==> flow/design.v <==
module sync_cmp_top #(
    parameter DATA_WIDTH = 24
) (
    input aclk,
    input [DATA_WIDTH-1:0] i_first,
    input [DATA_WIDTH-1:0] i_second,
    output reg o_equal
);
    reg [DATA_WIDTH-1:0] r_first;
    reg [DATA_WIDTH-1:0] r_second;
    reg [DATA_WIDTH-1:0] r_t;
    always @(posedge aclk) begin
        r_first <= i_first;
        r_second <= i_second;
        r_t <= r_first ^ r_second;
        o_equal <= (r_t == 0);
    end
endmodule
* From RTL to reports: sync_cmp_top
Module sync_cmp_top in several versions that differ in "DATA_WIDTH"; each step lists the members.
The file above is the member DATA_WIDTH 24. Line numbers count from 1 in each member's own file.
Operators: Yosys type, input widths -> output width; for muxes data width and select width s.
Cell names lack the library's common part.
A cell with n/a has no value.
- Design top :: sync_cmp_top
- Clock port :: aclk
- Cell library :: sky130hd
- Library corner :: tt_025C_1v80

* Source of the members
Lines of each other member's file that are new or changed against the file above; lines that a member lacks are not shown.
** New or changed lines
- DATA_WIDTH 48 :: RTL line 2 : parameter DATA_WIDTH = 48
- DATA_WIDTH 56 :: RTL line 2 : parameter DATA_WIDTH = 56

* Elaborated design
Yosys after proc, flatten, opt, wreduce and memory -nomap, before mapping. Enables and synchronous resets that opt folds into registers are not counted as muxes. Memory bits, and registers merged into a memory's read port (data or address), are not among the register bits. Print and check cells are not counted. Equal cells are merged and count once.
** Bit counts
- DATA_WIDTH 24 :: register bits 73, word-level cells 6, output and inout port bits 1, input bits 49
- DATA_WIDTH 48 :: register bits 145, word-level cells 6, output and inout port bits 1, input bits 97
- DATA_WIDTH 56 :: register bits 169, word-level cells 6, output and inout port bits 1, input bits 113
** Cells by class
- DATA_WIDTH 24 :: reductions and logical operators 1, bitwise logic cells 1
- DATA_WIDTH 48 :: reductions and logical operators 1, bitwise logic cells 1
- DATA_WIDTH 56 :: reductions and logical operators 1, bitwise logic cells 1
** Operators with widths (kind and count)
- DATA_WIDTH 24 :: 1 x $xor 24x24->24; 1 x $logic_not 24->1
- DATA_WIDTH 48 :: 1 x $xor 48x48->48; 1 x $logic_not 48->1
- DATA_WIDTH 56 :: 1 x $xor 56x56->56; 1 x $logic_not 56->1

* Longest topological paths
Longest topological path by Yosys (ltp), each cell counted once; first at word level (registers and memories cut), then after technology mapping (sequential cells cut; the memories' decode and read muxes count).
** Logic depth
- DATA_WIDTH 24 :: word-level depth 1, ABC_AREA 0, gate-level depth with buffers 3, gate-level depth less buffers 3
- DATA_WIDTH 48 :: word-level depth 1, ABC_AREA 0, gate-level depth with buffers 3, gate-level depth less buffers 3
- DATA_WIDTH 56 :: word-level depth 1, ABC_AREA 0, gate-level depth with buffers 3, gate-level depth less buffers 3

* After synthesis
Source: synth_stat.txt of the flow (Yosys; design flattened, memories mapped). It holds for the ABC_AREA given above (unset counts as 0); a run with the other value may have another netlist.
The area totals of this step are shown rounded.
** Cell types (type and count)
- DATA_WIDTH 24 :: 73 x dfxtp_1; 24 x xor2_1; 5 x nor4_1; 1 x nor4_2; 1 x nand4_1; 1 x nand2_1; 1 x nor2_1
- DATA_WIDTH 48 :: 145 x dfxtp_1; 48 x xor2_1; 11 x nor4_1; 3 x nand4_1; 1 x nor4_2; 1 x nor3_2
- DATA_WIDTH 56 :: 169 x dfxtp_1; 56 x xor2_1; 13 x nor4_1; 2 x nor4_2; 3 x nand4_1; 1 x nand2_1
** Mapped netlist
- DATA_WIDTH 24 :: synthesis area 1730 µm², cell count 106, mapped flip-flops 73, buffer cells 0, area of sequential cells 1460 µm²
- DATA_WIDTH 48 :: synthesis area 3430 µm², cell count 209, mapped flip-flops 145, buffer cells 0, area of sequential cells 2900 µm²
- DATA_WIDTH 56 :: synthesis area 4000 µm², cell count 244, mapped flip-flops 169, buffer cells 0, area of sequential cells 3380 µm²

* Timing after synthesis
Source: OpenSTA report_checks on the synthesized netlist (no wires, ideal clock, input and output delay 20% of the period each), path of least setup slack; recovery checks are left aside. Register names are those of the netlist, which keeps one name where synthesis merged equal registers.
** Path post-synthesis
- DATA_WIDTH 24 :: kind register to register, start point register r_t[19], end point register o_equal, clock period 984 ps, stages 4, path delay 787 ps, slack 196 ps, synthesis period reached 788 ps
- DATA_WIDTH 48 :: kind register to register, start point register r_t[25], end point register o_equal, clock period 1110 ps, stages 4, path delay 886 ps, slack 224 ps, synthesis period reached 886 ps
- DATA_WIDTH 56 :: kind register to register, start point register r_t[3], end point register o_equal, clock period 1230 ps, stages 4, path delay 986 ps, slack 244 ps, synthesis period reached 986 ps
"path delay" = arrival - input delay + setup time.
"stages": output pins that drive a net of the path, with the launching flip-flop's if there is one; two outputs of one cell count as two.
"synthesis period reached" is the clock period less the worst setup slack; recovery checks do not enter. This is arithmetic on one report: input and output delays are still those of the set period (20% each).
Between the ends stands the longest chain of elaborated cells between them, by number of cells; it is not shown to be the way that was timed. Of several equally long chains one is given.
Each line given opens the expression or statement behind the cell; cells for indexed reads and writes are added by Yosys, which also makes memories of some case tables.
Between the ends, post-synthesis, DATA_WIDTH 24:
- Length of the longest elaborated chain :: 1
** Ends and longest elaborated chain, post-synthesis, DATA_WIDTH 24
- from (decl) :: RTL line 11 : reg [DATA_WIDTH-1:0] r_t;
- from (assign) :: RTL line 15 : r_t <= r_first ^ r_second;
- $logic_not 24->1 :: RTL line 16 : o_equal <= (r_t == 0);
- to (assign) :: RTL line 16
- to (decl) :: RTL line 7 : output reg o_equal
Between the ends, post-synthesis, DATA_WIDTH 56:
- Length of the longest elaborated chain :: 1
** Ends and longest elaborated chain, post-synthesis, DATA_WIDTH 56
- from (decl) :: RTL line 11 : reg [DATA_WIDTH-1:0] r_t;
- from (assign) :: RTL line 15 : r_t <= r_first ^ r_second;
- $logic_not 56->1 :: RTL line 16 : o_equal <= (r_t == 0);
- to (assign) :: RTL line 16
- to (decl) :: RTL line 7 : output reg o_equal

* Timing after layout
Path of least setup slack in the final report of the run of each member (OpenROAD, finished layout, wires in). Where an end is a register, its clock arrival counts in the times.
The path's times are printed in steps of 10 ps; the period is the one set.
** Path after layout
- DATA_WIDTH 24 :: kind register to output, start point register o_equal, end point output o_equal, slack 20 ps, stages 2, clock period 984 ps, path buffers 1, data arrival time 760 ps
- DATA_WIDTH 48 :: kind register to output, start point register o_equal, end point output o_equal, slack -40 ps, stages 2, clock period 1110 ps, path buffers 1, data arrival time 930 ps
- DATA_WIDTH 56 :: kind register to output, start point register o_equal, end point output o_equal, slack 60 ps, stages 2, clock period 1230 ps, path buffers 1, data arrival time 920 ps

* Measured runs
One run of the flow (Yosys, OpenROAD) for each member, with settings and measured results. Input and output delays are each 20% of the period that was set; the output load is 0.01 pF.
- CAP_MARGIN :: 20
- CORE_MARGIN :: 2
- CORE_UTILIZATION :: 40
- SLEW_MARGIN :: 20
** Settings by member (period_ns)
- DATA_WIDTH 24 :: 0.984
- DATA_WIDTH 48 :: 1.11
- DATA_WIDTH 56 :: 1.23
** Results
- DATA_WIDTH 24 :: final design utilization 60.9%, area of the standard cells in the finished layout 2490 µm², total die area 4870 µm², post-route worst hold slack 299 ps, chip area after synthesis (Yosys) 1730 µm², smallest setup slack 23 ps, power consumption 0.00566 W, achieved period 961 ps, post-route setup TNS 0 ps
- DATA_WIDTH 48 :: final design utilization 62.6%, area of the standard cells in the finished layout 5170 µm², total die area 9340 µm², post-route worst hold slack 162 ps, chip area after synthesis (Yosys) 3430 µm², smallest setup slack -42 ps, power consumption 0.0117 W, achieved period 1152 ps, post-route setup TNS -42 ps
- DATA_WIDTH 56 :: final design utilization 60.5%, area of the standard cells in the finished layout 5890 µm², total die area 10800 µm², post-route worst hold slack 181 ps, chip area after synthesis (Yosys) 4000 µm², smallest setup slack 61 ps, power consumption 0.0115 W, achieved period 1169 ps, post-route setup TNS 0 ps
"achieved period" is the run's clock period less its worst setup slack. It is reckoned from that one timing run; input and output delays stay at 20% of the period that was set.
"power consumption" is the tool's figure for a default switching activity; nothing was simulated.
The measured numbers are rounded.
